==> flow/design.v <==
module dp_times_n (ck, RST, clk_en, i_u, o_prod);
  parameter XLEN = 8;
  parameter SCALE = 365;
  localparam OUT_W = XLEN + $clog2(SCALE + 1);
  input ck;
  input RST;
  input clk_en;
  input [XLEN-1:0] i_u;
  output [OUT_W-1:0] o_prod;
  reg [OUT_W-1:0] prod_r;
  always @(posedge ck) begin
    if (RST) begin
      prod_r <= 0;
    end else if (clk_en) begin
      prod_r <= i_u * SCALE;
    end
  end
  assign o_prod = prod_r;
endmodule
From RTL to reports: dp_times_n
The steps from the RTL of dp_times_n to its reports follow in flow order.
Line numbers count from 1 in the design file above.
Cell names lack the library's common part.
A cell with - has no value.
- design top: dp_times_n
- clock: ck
- cell library: sky130hd
- corner: tt_025C_1v80

Elaborated design
Counts by Yosys on the flattened word-level netlist (proc, flatten, opt, wreduce; memories kept). Register bits leave out memories and registers merged into their read ports (data or address); mux counts leave out enables and synchronous resets folded into registers. Print and check cells are left out. Cells with the same type and inputs are merged into one.
- noted multiply operators: 1
- operators with widths (kind ; count):
    8-bit by 9-bit multiplier with 17-bit output with constant B ; 1
- noted bits in registers: 17
- bits of input ports at 11
- output and inout bits at 17
- elaborated cells at 2

Logic depth
Depth = most cells in a row (Yosys ltp): at word level without a register or memory, in the mapped netlist without a sequential cell, where the memories' decode and read muxes count.
- noted depth in word-level cells: 1
- noted ABC_AREA: 0
- noted depth in mapped cells: 15
- mapped depth without buffers: 14

Synthesis result
Source: synth_stat.txt of the flow (Yosys; design flattened, memories mapped). It holds for the ABC_AREA given above (unset counts as 0); a run with the other value may have another netlist.
Totals and module areas in this step are rounded.
- mapped cells: 224
- mapped area at 2100 µm²
- area of sequential cells: 340 µm²
- noted mapped flip-flops: 17
- buffer cells: 6
- cells by type (cell type ; count):
    ha_1 ; 40
    fa_1 ; 20
    dfxtp_1 ; 17
    inv_1 ; 44
    mux2i_1 ; 12
    nor2_1 ; 13
    nand2_1 ; 11
    a21o_1 ; 4
    o311ai_1 ; 3
    xnor2_1 ; 3
    a21oi_1 ; 5
    o21ai_0 ; 5
    a211oi_1 ; 3
    o21bai_1 ; 3
    or4b_1 ; 2
    and3_1 ; 3
    nand2b_1 ; 3
    a21oi_2 ; 2
Not listed: further types 25, cells in them 31.

Timing after synthesis
OpenSTA on the mapped netlist: ideal clock, no wires. The path of least setup slack (recovery checks aside). Input and output delay are each 20% of the period. Register names are those of the netlist, which keeps one name where synthesis merged equal registers.
- path kind: input -> register
- start: input i_u[2]
- end: register prod_r[12]
- period at 5.13 ns
- input delay at 1.026 ns
- library setup time at 0.095 ns
- noted launch time at the first pin: 1.026 ns
- arrival at 4.214 ns
- path slack: 0.821 ns
- path delay at 3.283 ns
- stages: 13
- path buffers at 0
- noted synthesis period reached: 4.309 ns
"path delay" = arrival - input delay + setup time.
"stages": output pins that drive a net of the path, with the launching flip-flop's if there is one; two outputs of one cell count as two.
"synthesis period reached" = period - worst setup slack (recovery checks aside). The figure is calculated, with input and output delays left at 20% of the set period.
Between the ends stands the longest chain of elaborated cells between them, by number of cells; it is not shown to be the way that was timed. Of several equally long chains one is given.
A line is the first line of the expression or statement that the cell stems from. Yosys adds cells for indexed reads and writes and turns some case tables into memories.
- cells stage by stage: ha_1 inv_1 fa_1 inv_1 fa_1 inv_1 fa_1 inv_1 ha_1 and4_2 a21oi_2 or4b_1 o311ai_1
- length of the longest elaborated chain: 1
- elaborated cells between the ends (all ways): 1
- those cells by class: 1 x mul
- ends and longest elaborated chain, post-synthesis (item ; line ; text):
    from (decl) ; 8 ; input [XLEN-1:0] i_u;
    8-bit by 9-bit multiplier with 17-bit output ; 15 ; prod_r <= i_u * SCALE;
    to (assign) ; 13 ; prod_r <= 0;
    to (assign) ; 15 ;
    to (decl) ; 10 ; reg [OUT_W-1:0] prod_r;

Worst path after layout
From the final timing report of run 1: the path of least setup slack in the routed layout; clock arrival at registers is part of the times.
- path kind: input -> register
- start: input i_u[5]
- end: register prod_r[15]
- period at 5.13 ns
- input delay at 1.03 ns
- library setup time at 0.09 ns
- noted launch time at the first pin: 1.03 ns
- arrival at 4.97 ns
- path slack: 0.32 ns
- stages: 13
- path buffers at 1
Between the ends stands the longest chain of elaborated cells between them, by number of cells; it is not shown to be the way that was timed. Of several equally long chains one is given.
- cells stage by stage: clkdlybuf4s50_1 ha_1 fa_1 fa_1 inv_1 fa_1 inv_1 ha_1 and3_1 a211oi_2 o21ai_2 mux2i_1 a211oi_1
- length of the longest elaborated chain: 1
- elaborated cells between the ends (all ways): 1
- those cells by class: 1 x mul
- ends and longest elaborated chain, after layout (item ; line ; text):
    from (decl) ; 8 ; input [XLEN-1:0] i_u;
    8-bit by 9-bit multiplier with 17-bit output ; 15 ; prod_r <= i_u * SCALE;
    to (assign) ; 13 ; prod_r <= 0;
    to (assign) ; 15 ;
    to (decl) ; 10 ; reg [OUT_W-1:0] prod_r;

Subject: flow runs of dp_times_n

Hi,

Measured results for dp_times_n: 3 stored runs of the Yosys and OpenROAD flow on sky130hd. The settings differ; the order carries no meaning. The constraints put input and output delay at 20% of the set period each and load the outputs with 0.01 pF.
"time on the worst setup path" is the time allowed to the run's worst setup path (the clock period less input and output delay, where it has them) less its slack. Clock arrival times count: a late capture clock shortens it, a late launch clock lengthens it.
"total power after layout" is the tool's figure for a default switching activity; nothing was simulated.
Results are given in rounded form.

Run 1
Settings were period_ns = 5.13; CAP_MARGIN = 20; CORE_MARGIN = 2; CORE_UTILIZATION = 40; SLEW_MARGIN = 20
- post-synthesis cell area at 2100 µm²
- die size at 5900 µm²
- standard-cell area of the final layout: 2500 µm²
- noted the setup slack of the worst path: 0.32 ns
- sum of negative setup slack at 0.000 ns
- worst hold slack in the final report at 0.46 ns
- noted the total power after layout: 0.001 W
- time on the worst setup path at 3.79 ns
- worst setup path type: input -> register

Run 2
Settings were period_ns = 3.13; CORE_UTILIZATION = 53; PLACE_DENSITY = 0.84; CORE_ASPECT_RATIO = 1.19; CELL_PAD_IN_SITES_GLOBAL_PLACEMENT = 2; CELL_PAD_IN_SITES_DETAIL_PLACEMENT = 0; TNS_END_PERCENT = 65; ABC_AREA = 0; CTS_CLUSTER_SIZE = 65; CAP_MARGIN = 20; CORE_MARGIN = 2; SLEW_MARGIN = 20
- unfinished; error GPL-0301 in placement

Run 3
Settings were period_ns = 4.51; CORE_UTILIZATION = 46; PLACE_DENSITY_LB_ADDON = 0.18; CORE_ASPECT_RATIO = 0.9; CORE_MARGIN = 10; CELL_PAD_IN_SITES_GLOBAL_PLACEMENT = 2; TNS_END_PERCENT = 45; GPL_TIMING_DRIVEN = 0; MAX_ROUTING_LAYER = met4; CAP_MARGIN = 20; SLEW_MARGIN = 20
- post-synthesis cell area at 2100 µm²
- die size at 7700 µm²
- standard-cell area of the final layout: 2600 µm²
- noted the setup slack of the worst path: 0.13 ns
- sum of negative setup slack at 0.000 ns
- worst hold slack in the final report at 0.45 ns
- noted the total power after layout: 0.0012 W
- time on the worst setup path at 3.48 ns
- worst setup path type: input -> register

Regards
